==> flow/design.v <==
module ex_addsub_n #(
    parameter integer WD = 18
) (
    input core_clk,
    input rst_n,
    input [WD-1:0] da_in,
    input [WD-1:0] db_in,
    output [WD:0] s_out,
    output [WD:0] result_out
);
    reg [WD-1:0] da_ff;
    reg [WD-1:0] db_ff;
    always @(posedge core_clk or negedge rst_n) begin
        if (!rst_n) begin
            da_ff <= 0;
            db_ff <= 0;
        end else begin
            da_ff <= da_in;
            db_ff <= db_in;
        end
    end
    assign s_out = da_ff + db_ff;
    assign result_out = da_ff - db_ff;
endmodule
# ---- Reports on ex_addsub_n
# What the tools print for ex_addsub_n, step after step.
# Line numbers count from 1 in the design file above.
# Cell names lack the library's common part.
# The mark - stands for no value.
dict set report design {
  top_module {ex_addsub_n}
  clock {core_clk}
  cell_library {sky130hd}
  lib_corner {tt_025C_1v80}
}

# ---- Word level
# Yosys after proc, flatten, opt, wreduce and memory -nomap, before mapping. Enables and synchronous resets that opt folds into registers are not counted as muxes. Memory bits, and registers merged into a memory's read port (data or address), are not among the register bits. Print and check cells are not counted. Equal cells are merged and count once.
dict set report word_totals {
  clocked_rd_ports_x_width 0
  reg_bits 36
  n_memories 0
  rom_bits 0
  in_bits 38
  ram_bits 0
  output_inout_bits 38
  word_cells 4
  latch_bits 0
}
dict set report op_classes {
  n_logic 0
  div 0
  n_reduce_logical 0
  compare 0
  n_shift 0
  mux 0
  eq_ne 0
  multipliers 0
  n_addsub 2
}
# operator n
set op_table {}
lappend op_table {{adder 18 x 18 -> 19 bit} 1}
lappend op_table {{subtractor 18 x 18 -> 19 bit} 1}

# ---- Logic depth
# Yosys ltp: most cells in a row. Word level: on the elaborated netlist, between registers, memories and ports. Mapped: between sequential cells and ports; inverters and the memories' decode and read muxes count.
dict set report depth {
  depth_word 1
  ABC_AREA 0
  ltp_mapped 10
  ltp_nobuf 10
}

# ---- Synthesis result
# The flow's flattened synthesis, as Yosys stat reports it; memories are mapped. The netlist is that of the ABC_AREA named above (0 if unset); the other value can give another one.
# Totals and module areas in this step are rounded.
# type n area_total_um2
set types {}
lappend types {dfrtp_1 36 900.864}
lappend types {ha_1 36 450.432}
lappend types {xnor2_1 25 218.96}
lappend types {inv_1 40 150.144}
lappend types {a21oi_1 24 120.115}
lappend types {nor2_1 23 86.333}
lappend types {o21ai_0 10 50.048}
lappend types {buf_2 9 45.043}
lappend types {nand2_1 11 41.29}
lappend types {fa_1 2 40.038}
lappend types {o21bai_1 5 37.536}
lappend types {nand3_1 7 35.034}
lappend types {nor3_1 7 35.034}
lappend types {o311ai_2 2 32.531}
lappend types {nor2b_1 5 31.28}
lappend types {a211oi_1 4 30.029}
lappend types {a221o_1 3 30.029}
lappend types {o31ai_1 4 30.029}
# Not listed: further types 39, cells in them 62.
dict set report synth_totals {
  buffers 15
  ff_cells 36
  sequential_area_um2 901
  stdcells 315
  area_um2 2880
}

# ---- Path before layout
# Path of least setup slack by OpenSTA after synthesis, without wires, with an ideal clock, recovery checks aside; 20% of the period is set as input and as output delay. Where synthesis merged equal registers, the netlist keeps one of their names.
dict set report synth_path {
  kind {register to output}
  startpoint {register da_ff[0]}
  endpoint {output port result_out[18]}
  arrival_ps 2313
  path_stages 11
  t_first_pin_ps 0
  path_delay_ps 2313
  n_path_buf 0
  required_time_ps 2888
  tclk_ps 3610
  out_delay_ps 722
  slack_ps 575
  synth_period_reached_ps 3035
}
# "path_delay_ps" = arrival - input delay + setup time.
# A path that ends at an output port has no setup time.
# "path_stages": output pins that drive a net of the path, with the launching flip-flop's if there is one; two outputs of one cell count as two.
# "synth_period_reached_ps" = period - worst setup slack (recovery checks aside). The figure is calculated, with input and output delays left at 20% of the set period.
# The rows between start and end are the longest chain of elaborated cells between them; the timing report does not say that the signal goes this way. Where chains are equally long, one stands for them.
# Each line given opens the expression or statement behind the cell; cells for indexed reads and writes are added by Yosys, which also makes memories of some case tables.
dict set report synth_between {
  cell_sequence {dfrtp_1 > inv_1 > ha_1 > inv_1 > fa_1 > a211oi_1 > o21bai_1 > a21oi_1 > o21ai_1 > and2_1 > a311oi_1}
  elab_chain_cells 1
  cone_cells 1
  lines_between 1
  classes_between {1 x add/sub}
}
# element line
set synth_rtl {}
lappend synth_rtl {{start: declaration} 11} ;# reg [WD-1:0] da_ff;
lappend synth_rtl {{start: assignment} 15} ;# da_ff <= 0;
lappend synth_rtl {{start: assignment} 18} ;# da_ff <= da_in;
lappend synth_rtl {{subtractor 18 x 18 -> 19 bit} 23} ;# assign result_out = da_ff - db_ff;
lappend synth_rtl {{end: declaration} 9} ;# output [WD:0] result_out

# ---- Worst path after layout
# Path of least setup slack in the final report of run 1 (OpenROAD, finished layout, wires in). Where an end is a register, its clock arrival counts in the times.
# The report prints the path's times to 10 ps; the period is as set.
dict set report layout_path {
  kind {register to output}
  startpoint {register da_ff[0]}
  endpoint {output port result_out[12]}
  required_time_ps 2350
  t_first_pin_ps 290
  slack_ps -300
  arrival_ps 2650
  out_delay_ps 590
  path_stages 12
  n_path_buf 1
  tclk_ps 2940
}
# The rows between start and end are the longest chain of elaborated cells between them; the timing report does not say that the signal goes this way. Where chains are equally long, one stands for them.
dict set report layout_between {
  cell_sequence {dfrtp_1 > inv_1 > ha_2 > inv_2 > fa_2 > a211oi_2 > o21bai_1 > a21oi_2 > o21ba_4 > o31ai_2 > xnor2_1 > buf_2}
  elab_chain_cells 1
  cone_cells 1
  lines_between 1
  classes_between {1 x add/sub}
}
# element line
set layout_rtl {}
lappend layout_rtl {{start: declaration} 11} ;# reg [WD-1:0] da_ff;
lappend layout_rtl {{start: assignment} 15} ;# da_ff <= 0;
lappend layout_rtl {{start: assignment} 18} ;# da_ff <= da_in;
lappend layout_rtl {{subtractor 18 x 18 -> 19 bit} 23} ;# assign result_out = da_ff - db_ff;
lappend layout_rtl {{end: declaration} 9} ;# output [WD:0] result_out

Wiki page: ex_addsub_n / flow data

3 stored runs of ex_addsub_n in the flow (synthesis by Yosys, layout by OpenROAD, sky130hd cells), in arbitrary order. Constraints: input delay and output delay 20% of the set period each, output load 0.01 pF.
"achievedPeriod_ps" = clock period - worst setup slack. The figure is calculated, with input and output delays left at 20% of the set period.
"critical_path_time_ps" means the part of the period allowed to the worst setup path (the constraints hold back 20% at inputs and 20% at outputs) less its slack; where the path has registers, the arrival times of their clocks count too.
By "total_power_w" is meant OpenSTA's value without simulated activity: inputs other than the clock are taken to toggle once in ten clock periods, and the tool carries that through the logic.
"critical_path_time_ps" is known to 10 ps.
The measured numbers are rounded.

[flow] run 1: files
==> flow/run.sh <==
#!/bin/bash
# the make line also repeats the synthesis and layout settings of config.mk as NAME=value (left out here)
make -C /OpenROAD-flow-scripts/flow DESIGN_CONFIG=/design/flow/config.mk WORK_HOME=/design/flow/orfs CLKGATE_MAP_FILE= finish
==> flow/config.mk <==
export PLATFORM = sky130hd
export DESIGN_NAME = ex_addsub_n
export DESIGN_NICKNAME = ex_addsub_n
export VERILOG_FILES = /design/flow/design.v
export SDC_FILE = /design/flow/constraint.sdc
export NUM_CORES = 4
export LEC_CHECK = 0
export ABC_AREA = 0
export CAP_MARGIN = 20
export CELL_PAD_IN_SITES_DETAIL_PLACEMENT = 0
export CELL_PAD_IN_SITES_GLOBAL_PLACEMENT = 2
export CORE_ASPECT_RATIO = 0.95
export CORE_MARGIN = 2
export CORE_UTILIZATION = 41
export CTS_CLUSTER_DIAMETER = 358
export GPL_TIMING_DRIVEN = 0
export HOLD_SLACK_MARGIN = -0.01
export MIN_ROUTING_LAYER = met1
export PLACE_DENSITY_LB_ADDON = 0.26
export SETUP_SLACK_MARGIN = -0.11
export SLEW_MARGIN = 20
==> flow/constraint.sdc <==
create_clock -name core_clock -period 2.94 [get_ports {core_clk}]
set_input_delay 0.5880 -clock core_clock [delete_from_list [all_inputs] [get_ports {core_clk}]]
set_output_delay 0.5880 -clock core_clock [all_outputs]
set_load 0.01 [all_outputs]

[flow] run 1: metrics
[metrics] finalUtil_pct = 66.5
[metrics] finish.stdcell_area_um2 = 4490
[metrics] worstSetupSlack_ps = -296
[metrics] critical_path_time_ps = 2650
[metrics] worst_path_kind = register to output
[metrics] timing.setup.tns_ps = -3080
[metrics] total_power_w = 0.00193
[metrics] achievedPeriod_ps = 3236
[metrics] die_um2 = 7710
[metrics] post_synth_area_um2 = 2880

[flow] run 2: files
==> flow/run.sh <==
#!/bin/bash
# the make line also repeats the synthesis and layout settings of config.mk as NAME=value (left out here)
make -C /OpenROAD-flow-scripts/flow DESIGN_CONFIG=/design/flow/config.mk WORK_HOME=/design/flow/orfs CLKGATE_MAP_FILE= finish
==> flow/config.mk <==
export PLATFORM = sky130hd
export DESIGN_NAME = ex_addsub_n
export DESIGN_NICKNAME = ex_addsub_n
export VERILOG_FILES = /design/flow/design.v
export SDC_FILE = /design/flow/constraint.sdc
export NUM_CORES = 4
export LEC_CHECK = 0
export CAP_MARGIN = 20
export CORE_MARGIN = 2
export CORE_UTILIZATION = 40
export SLEW_MARGIN = 20
==> flow/constraint.sdc <==
create_clock -name core_clock -period 3.61 [get_ports {core_clk}]
set_input_delay 0.7220 -clock core_clock [delete_from_list [all_inputs] [get_ports {core_clk}]]
set_output_delay 0.7220 -clock core_clock [all_outputs]
set_load 0.01 [all_outputs]

[flow] run 2: metrics
[metrics] finish.stdcell_area_um2 = 4040
[metrics] timing.setup.tns_ps = 0
[metrics] die_um2 = 7900
[metrics] critical_path_time_ps = 2710
[metrics] worst_path_kind = register to output
[metrics] finalUtil_pct = 58.8
[metrics] total_power_w = 0.00146
[metrics] post_synth_area_um2 = 2880
[metrics] achievedPeriod_ps = 3435
[metrics] worstSetupSlack_ps = 175

[flow] run 3: files
==> flow/run.sh <==
#!/bin/bash
# the make line also repeats the synthesis and layout settings of config.mk as NAME=value (left out here)
make -C /OpenROAD-flow-scripts/flow DESIGN_CONFIG=/design/flow/config.mk WORK_HOME=/design/flow/orfs CLKGATE_MAP_FILE= finish
==> flow/config.mk <==
export PLATFORM = sky130hd
export DESIGN_NAME = ex_addsub_n
export DESIGN_NICKNAME = ex_addsub_n
export VERILOG_FILES = /design/flow/design.v
export SDC_FILE = /design/flow/constraint.sdc
export NUM_CORES = 4
export LEC_CHECK = 0
export CAP_MARGIN = 20
export CORE_ASPECT_RATIO = 0.84
export CORE_MARGIN = 2
export CORE_UTILIZATION = 48
export MIN_ROUTING_LAYER = met1
export PLACE_DENSITY = 0.9
export SLEW_MARGIN = 20
==> flow/constraint.sdc <==
create_clock -name core_clock -period 3.7 [get_ports {core_clk}]
set_input_delay 0.7400 -clock core_clock [delete_from_list [all_inputs] [get_ports {core_clk}]]
set_output_delay 0.7400 -clock core_clock [all_outputs]
set_load 0.01 [all_outputs]

[flow] run 3: metrics
[metrics] worstSetupSlack_ps = 58
[metrics] post_synth_area_um2 = 2880
[metrics] critical_path_time_ps = 2900
[metrics] worst_path_kind = register to output
[metrics] finalUtil_pct = 70.7
[metrics] die_um2 = 6640
[metrics] total_power_w = 0.00142
[metrics] achievedPeriod_ps = 3642
[metrics] finish.stdcell_area_um2 = 4050
[metrics] timing.setup.tns_ps = 0
